==> flow/design.v <==
module sync_alu_arith #(
  parameter DATA_W = 56
) (
  input clk,
  input RST,
  input en,
  input [DATA_W-1:0] arg0,
  input [DATA_W-1:0] arg1,
  input mode,
  output [DATA_W:0] result
);
  reg [DATA_W-1:0] arg0_r;
  reg [DATA_W-1:0] arg1_r;
  reg mode_r;
  always @(posedge clk) begin
    if (RST) begin
      arg0_r <= 0;
      arg1_r <= 0;
      mode_r <= 1'b0;
    end else if (en) begin
      arg0_r <= arg0;
      arg1_r <= arg1;
      mode_r <= mode;
    end
  end
  assign result = mode_r ? arg0_r - arg1_r : arg0_r + arg1_r;
endmodule
# Step by step through the tools: sync_alu_arith

The steps from the RTL of sync_alu_arith to its reports follow in flow order.
Lines are those of the file above, counted from 1.
Operators: Yosys type, input widths -> output width; for muxes data width and select width s.
The mark -- stands for no value.

Design top: sync_alu_arith
Clock: clk
Library: sky130hd
Timing corner: tt_025C_1v80

# Word level

Counts by Yosys on the flattened word-level netlist (proc, flatten, opt, wreduce; memories kept). Register bits leave out memories and registers merged into their read ports (data or address); mux counts leave out enables and synchronous resets folded into registers. Print and check cells are left out. Cells with the same type and inputs are merged into one.

Muxes and demuxes: 1
Add/subtract/negate cells: 2

Operator list:

| cell           | count |
| $add 56x56->57 | 1 |
| $sub 56x56->57 | 1 |
| $mux 57        | 1 |

Flip-flop bits (word level): 113
Cells after elaboration: 6
Input port bits: 116
Output and inout port bits: 57

# Depth

Depth = most cells in a row (Yosys ltp): at word level without a register or memory, in the mapped netlist without a sequential cell, where the memories' decode and read muxes count.

Depth after elaboration: 2
ABC_AREA: 0
Gate-level depth with buffers: 22
Mapped depth without buffers: 21

# Mapped cells and area

Source: synth_stat.txt of the flow (Yosys; design flattened, memories mapped). It holds for the ABC_AREA given above (unset counts as 0); a run with the other value may have another netlist.
Totals and module areas in this step are rounded.

Mapped area: 8600 um^2
Buffer cells: 53
Flip-flops: 113
Standard cells after synthesis: 1070

Cell types:

| cell                      | count | area in all (um^2) |
| sky130_fd_sc_hd__dfxtp_1  | 113   | 2262.17 |
| sky130_fd_sc_hd__mux2i_1  | 114   | 1.14E+03 |
| sky130_fd_sc_hd__xnor2_1  | 84    | 735.706 |
| sky130_fd_sc_hd__nor2_1   | 191   | 716.938 |
| sky130_fd_sc_hd__ha_1     | 57    | 713.184 |
| sky130_fd_sc_hd__a21oi_1  | 98    | 490.47 |
| sky130_fd_sc_hd__a21o_1   | 36    | 270.259 |
| sky130_fd_sc_hd__nand2_1  | 48    | 180.173 |
| sky130_fd_sc_hd__xor2_1   | 20    | 175.168 |
| sky130_fd_sc_hd__inv_1    | 40    | 150.144 |
| sky130_fd_sc_hd__o21ai_0  | 30    | 150.144 |
| sky130_fd_sc_hd__nor3_1   | 27    | 135.13 |
| sky130_fd_sc_hd__clkbuf_1 | 34    | 127.622 |
| sky130_fd_sc_hd__nand4_1  | 20    | 125.12 |
| sky130_fd_sc_hd__o21bai_1 | 12    | 90.086 |
| sky130_fd_sc_hd__a31oi_1  | 11    | 68.816 |
| sky130_fd_sc_hd__nand3_1  | 13    | 65.062 |
| sky130_fd_sc_hd__and3_1   | 9     | 56.304 |

Not listed: further types 46, cells in them 113.

# Timing after synthesis

OpenSTA on the mapped netlist: ideal clock, no wires. The path of least setup slack (recovery checks aside). Input and output delay are each 20% of the period. Register names are those of the netlist, which keeps one name where synthesis merged equal registers.

Path kind: register -> output
Start: register arg1_r[0]
End: output result[53]
Path buffers: 0
Arrival: 4.304 ns
Delay of the path: 4.304 ns
Clock period: 6.72 ns
Driving pins on the path: 21
Slack: 1.072 ns
Data required time: 5.376 ns
Synthesis period reached: 5.648 ns

"delay of the path" is the arrival time less input delay plus setup time.
At an output port there is no setup time.
"driving pins on the path" counts driving pins, that of a launching flip-flop among them; a cell with two outputs on the path counts twice.
"synthesis period reached" is the clock period less the worst setup slack; recovery checks do not enter. This is arithmetic on one report: input and output delays are still those of the set period (20% each).
The rows between start and end are the longest chain of elaborated cells between them; the timing report does not say that the signal goes this way. Where chains are equally long, one stands for them.
A line is the first line of the expression or statement that the cell stems from. Yosys adds cells for indexed reads and writes and turns some case tables into memories.

Cells stage by stage: sky130_fd_sc_hd__dfxtp_1 sky130_fd_sc_hd__inv_1 sky130_fd_sc_hd__ha_1 sky130_fd_sc_hd__nor4b_2 sky130_fd_sc_hd__nand2_1 sky130_fd_sc_hd__nor4_2 sky130_fd_sc_hd__nand2_1 sky130_fd_sc_hd__nor3b_2 sky130_fd_sc_hd__nand2_2 sky130_fd_sc_hd__nor4_4 sky130_fd_sc_hd__a21oi_1 sky130_fd_sc_hd__xnor2_1 sky130_fd_sc_hd__ha_1 sky130_fd_sc_hd__a21oi_1 sky130_fd_sc_hd__o21a_1 sky130_fd_sc_hd__o21ai_0 sky130_fd_sc_hd__a21o_1 sky130_fd_sc_hd__a221o_1 sky130_fd_sc_hd__a21o_1 sky130_fd_sc_hd__a211o_1 sky130_fd_sc_hd__a211oi_1
Length of the longest elaborated chain: 2
Elaborated cells on any way between the ends: 3
Classes of those cells: add/sub (2); mux (1)

Ends and longest elaborated chain, after synthesis:

| what           | RTL line | RTL |
| from (decl)    | 13       | `reg [DATA_W-1:0] arg1_r;` |
| from (assign)  | 18       | `arg1_r <= 0;` |
| from (assign)  | 22       | `arg1_r <= arg1;` |
| $add 56x56->57 | 26       | `assign result = mode_r ? arg0_r - arg1_r : arg0_r + arg1_r;` |
| $mux 57        | 26       |  |
| to (decl)      | 10       | `output [DATA_W:0] result` |

# Path in the finished layout

Path of least setup slack in the final report of record 2 (OpenROAD, finished layout, wires in). Where an end is a register, its clock arrival counts in the times.

Path kind: register -> output
Start: register arg1_r[3]
End: output result[34]
Data required time: 6.85 ns
Clock period: 8.56 ns
Path buffers: 2
Arrival: 5.74 ns
Driving pins on the path: 19
Slack: 1.11 ns

The rows between start and end are the longest chain of elaborated cells between them; the timing report does not say that the signal goes this way. Where chains are equally long, one stands for them.

Cells stage by stage: sky130_fd_sc_hd__dfxtp_1 sky130_fd_sc_hd__nor4_4 sky130_fd_sc_hd__and3_1 sky130_fd_sc_hd__nand2_1 sky130_fd_sc_hd__nor3_1 sky130_fd_sc_hd__nor2_1 sky130_fd_sc_hd__xnor2_1 sky130_fd_sc_hd__ha_1 sky130_fd_sc_hd__clkbuf_1 sky130_fd_sc_hd__a21oi_1 sky130_fd_sc_hd__o21ai_0 sky130_fd_sc_hd__a41oi_1 sky130_fd_sc_hd__o31a_1 sky130_fd_sc_hd__a21oi_1 sky130_fd_sc_hd__a31oi_1 sky130_fd_sc_hd__o21a_1 sky130_fd_sc_hd__o21ai_0 sky130_fd_sc_hd__xor2_1 sky130_fd_sc_hd__clkdlybuf4s50_1
Length of the longest elaborated chain: 2
Elaborated cells on any way between the ends: 3
Classes of those cells: add/sub (2); mux (1)

Ends and longest elaborated chain, post-layout:

| what           | RTL line | RTL |
| from (decl)    | 13       | `reg [DATA_W-1:0] arg1_r;` |
| from (assign)  | 18       | `arg1_r <= 0;` |
| from (assign)  | 22       | `arg1_r <= arg1;` |
| $add 56x56->57 | 26       | `assign result = mode_r ? arg0_r - arg1_r : arg0_r + arg1_r;` |
| $mux 57        | 26       |  |
| to (decl)      | 10       | `output [DATA_W:0] result` |

Memo
Re: implementation data of sync_alu_arith

Top module sync_alu_arith; platform sky130hd; tools Yosys and OpenROAD; 3 stored runs in no particular order. Input and output delays are each 20% of the period that was set; the output load is 0.01 pF.
"achieved clock period": clock period set for the run, less the worst setup slack. It is reckoned from that one timing run; input and output delays stay at 20% of the period that was set.
"allowed time less slack (worst setup path)": the worst setup path's part of the clock period (all of it between registers, 20% less for each end at a port) less its slack. A launch clock that arrives late makes it longer, a capture clock that arrives late makes it shorter.
The results are shown rounded.

## Record 1

==> flow/run.sh <==
#!/bin/bash
# the make line also repeats the synthesis and layout settings of config.mk as NAME=value (left out here)
make -C /OpenROAD-flow-scripts/flow DESIGN_CONFIG=/design/flow/config.mk WORK_HOME=/design/flow/orfs CLKGATE_MAP_FILE= finish
==> flow/config.mk <==
export PLATFORM = sky130hd
export DESIGN_NAME = sync_alu_arith
export DESIGN_NICKNAME = sync_alu_arith
export VERILOG_FILES = /design/flow/design.v
export SDC_FILE = /design/flow/constraint.sdc
export NUM_CORES = 4
export LEC_CHECK = 0
export CAP_MARGIN = 35
export CORE_MARGIN = 2
export CORE_UTILIZATION = 67
export MIN_ROUTING_LAYER = met1
export PLACE_DENSITY_LB_ADDON = 0.27
export SETUP_SLACK_MARGIN = 1.82
export SLEW_MARGIN = 20
==> flow/constraint.sdc <==
create_clock -name core_clock -period 7.73 [get_ports {clk}]
set_input_delay 1.5460 -clock core_clock [delete_from_list [all_inputs] [get_ports {clk}]]
set_output_delay 1.5460 -clock core_clock [all_outputs]
set_load 0.01 [all_outputs]

Record 1: incomplete, routing halted on GRT-0116

## Record 2

==> flow/run.sh <==
#!/bin/bash
# the make line also repeats the synthesis and layout settings of config.mk as NAME=value (left out here)
make -C /OpenROAD-flow-scripts/flow DESIGN_CONFIG=/design/flow/config.mk WORK_HOME=/design/flow/orfs CLKGATE_MAP_FILE= finish
==> flow/config.mk <==
export PLATFORM = sky130hd
export DESIGN_NAME = sync_alu_arith
export DESIGN_NICKNAME = sync_alu_arith
export VERILOG_FILES = /design/flow/design.v
export SDC_FILE = /design/flow/constraint.sdc
export NUM_CORES = 4
export LEC_CHECK = 0
export ABC_AREA = 0
export CAP_MARGIN = 15
export CELL_PAD_IN_SITES_DETAIL_PLACEMENT = 0
export CORE_ASPECT_RATIO = 0.56
export CORE_MARGIN = 2
export CORE_UTILIZATION = 63
export GPL_ROUTABILITY_DRIVEN = 0
export GPL_TIMING_DRIVEN = 0
export PLACE_DENSITY = 0.89
export SETUP_SLACK_MARGIN = 1.24
export SLEW_MARGIN = 20
==> flow/constraint.sdc <==
create_clock -name core_clock -period 8.56 [get_ports {clk}]
set_input_delay 1.7120 -clock core_clock [delete_from_list [all_inputs] [get_ports {clk}]]
set_output_delay 1.7120 -clock core_clock [all_outputs]
set_load 0.01 [all_outputs]

| result of record 2 | value |
|---|---|
| total negative setup slack | 0.000 ns |
| worst slack on setup checks | 1.1 ns |
| allowed time less slack (worst setup path) | 5.74 ns |
| worst path kind | register -> output |
| achieved clock period | 7.450 ns |
| chip area in the Yosys report | 8600 um^2 |
| die footprint | 15000 um^2 |
| standard-cell area of the final layout | 11000 um^2 |

## Record 3

==> flow/run.sh <==
#!/bin/bash
# the make line also repeats the synthesis and layout settings of config.mk as NAME=value (left out here)
make -C /OpenROAD-flow-scripts/flow DESIGN_CONFIG=/design/flow/config.mk WORK_HOME=/design/flow/orfs CLKGATE_MAP_FILE= finish
==> flow/config.mk <==
export PLATFORM = sky130hd
export DESIGN_NAME = sync_alu_arith
export DESIGN_NICKNAME = sync_alu_arith
export VERILOG_FILES = /design/flow/design.v
export SDC_FILE = /design/flow/constraint.sdc
export NUM_CORES = 4
export LEC_CHECK = 0
export CAP_MARGIN = 20
export CORE_MARGIN = 2
export CORE_UTILIZATION = 40
export SLEW_MARGIN = 20
==> flow/constraint.sdc <==
create_clock -name core_clock -period 6.72 [get_ports {clk}]
set_input_delay 1.3440 -clock core_clock [delete_from_list [all_inputs] [get_ports {clk}]]
set_output_delay 1.3440 -clock core_clock [all_outputs]
set_load 0.01 [all_outputs]

| result of record 3 | value |
|---|---|
| standard-cell area of the final layout | 11000 um^2 |
| die footprint | 23000 um^2 |
| chip area in the Yosys report | 8600 um^2 |
| allowed time less slack (worst setup path) | 5.14 ns |
| worst path kind | register -> output |
| worst slack on setup checks | 0.24 ns |
| achieved clock period | 6.483 ns |
| total negative setup slack | 0.000 ns |
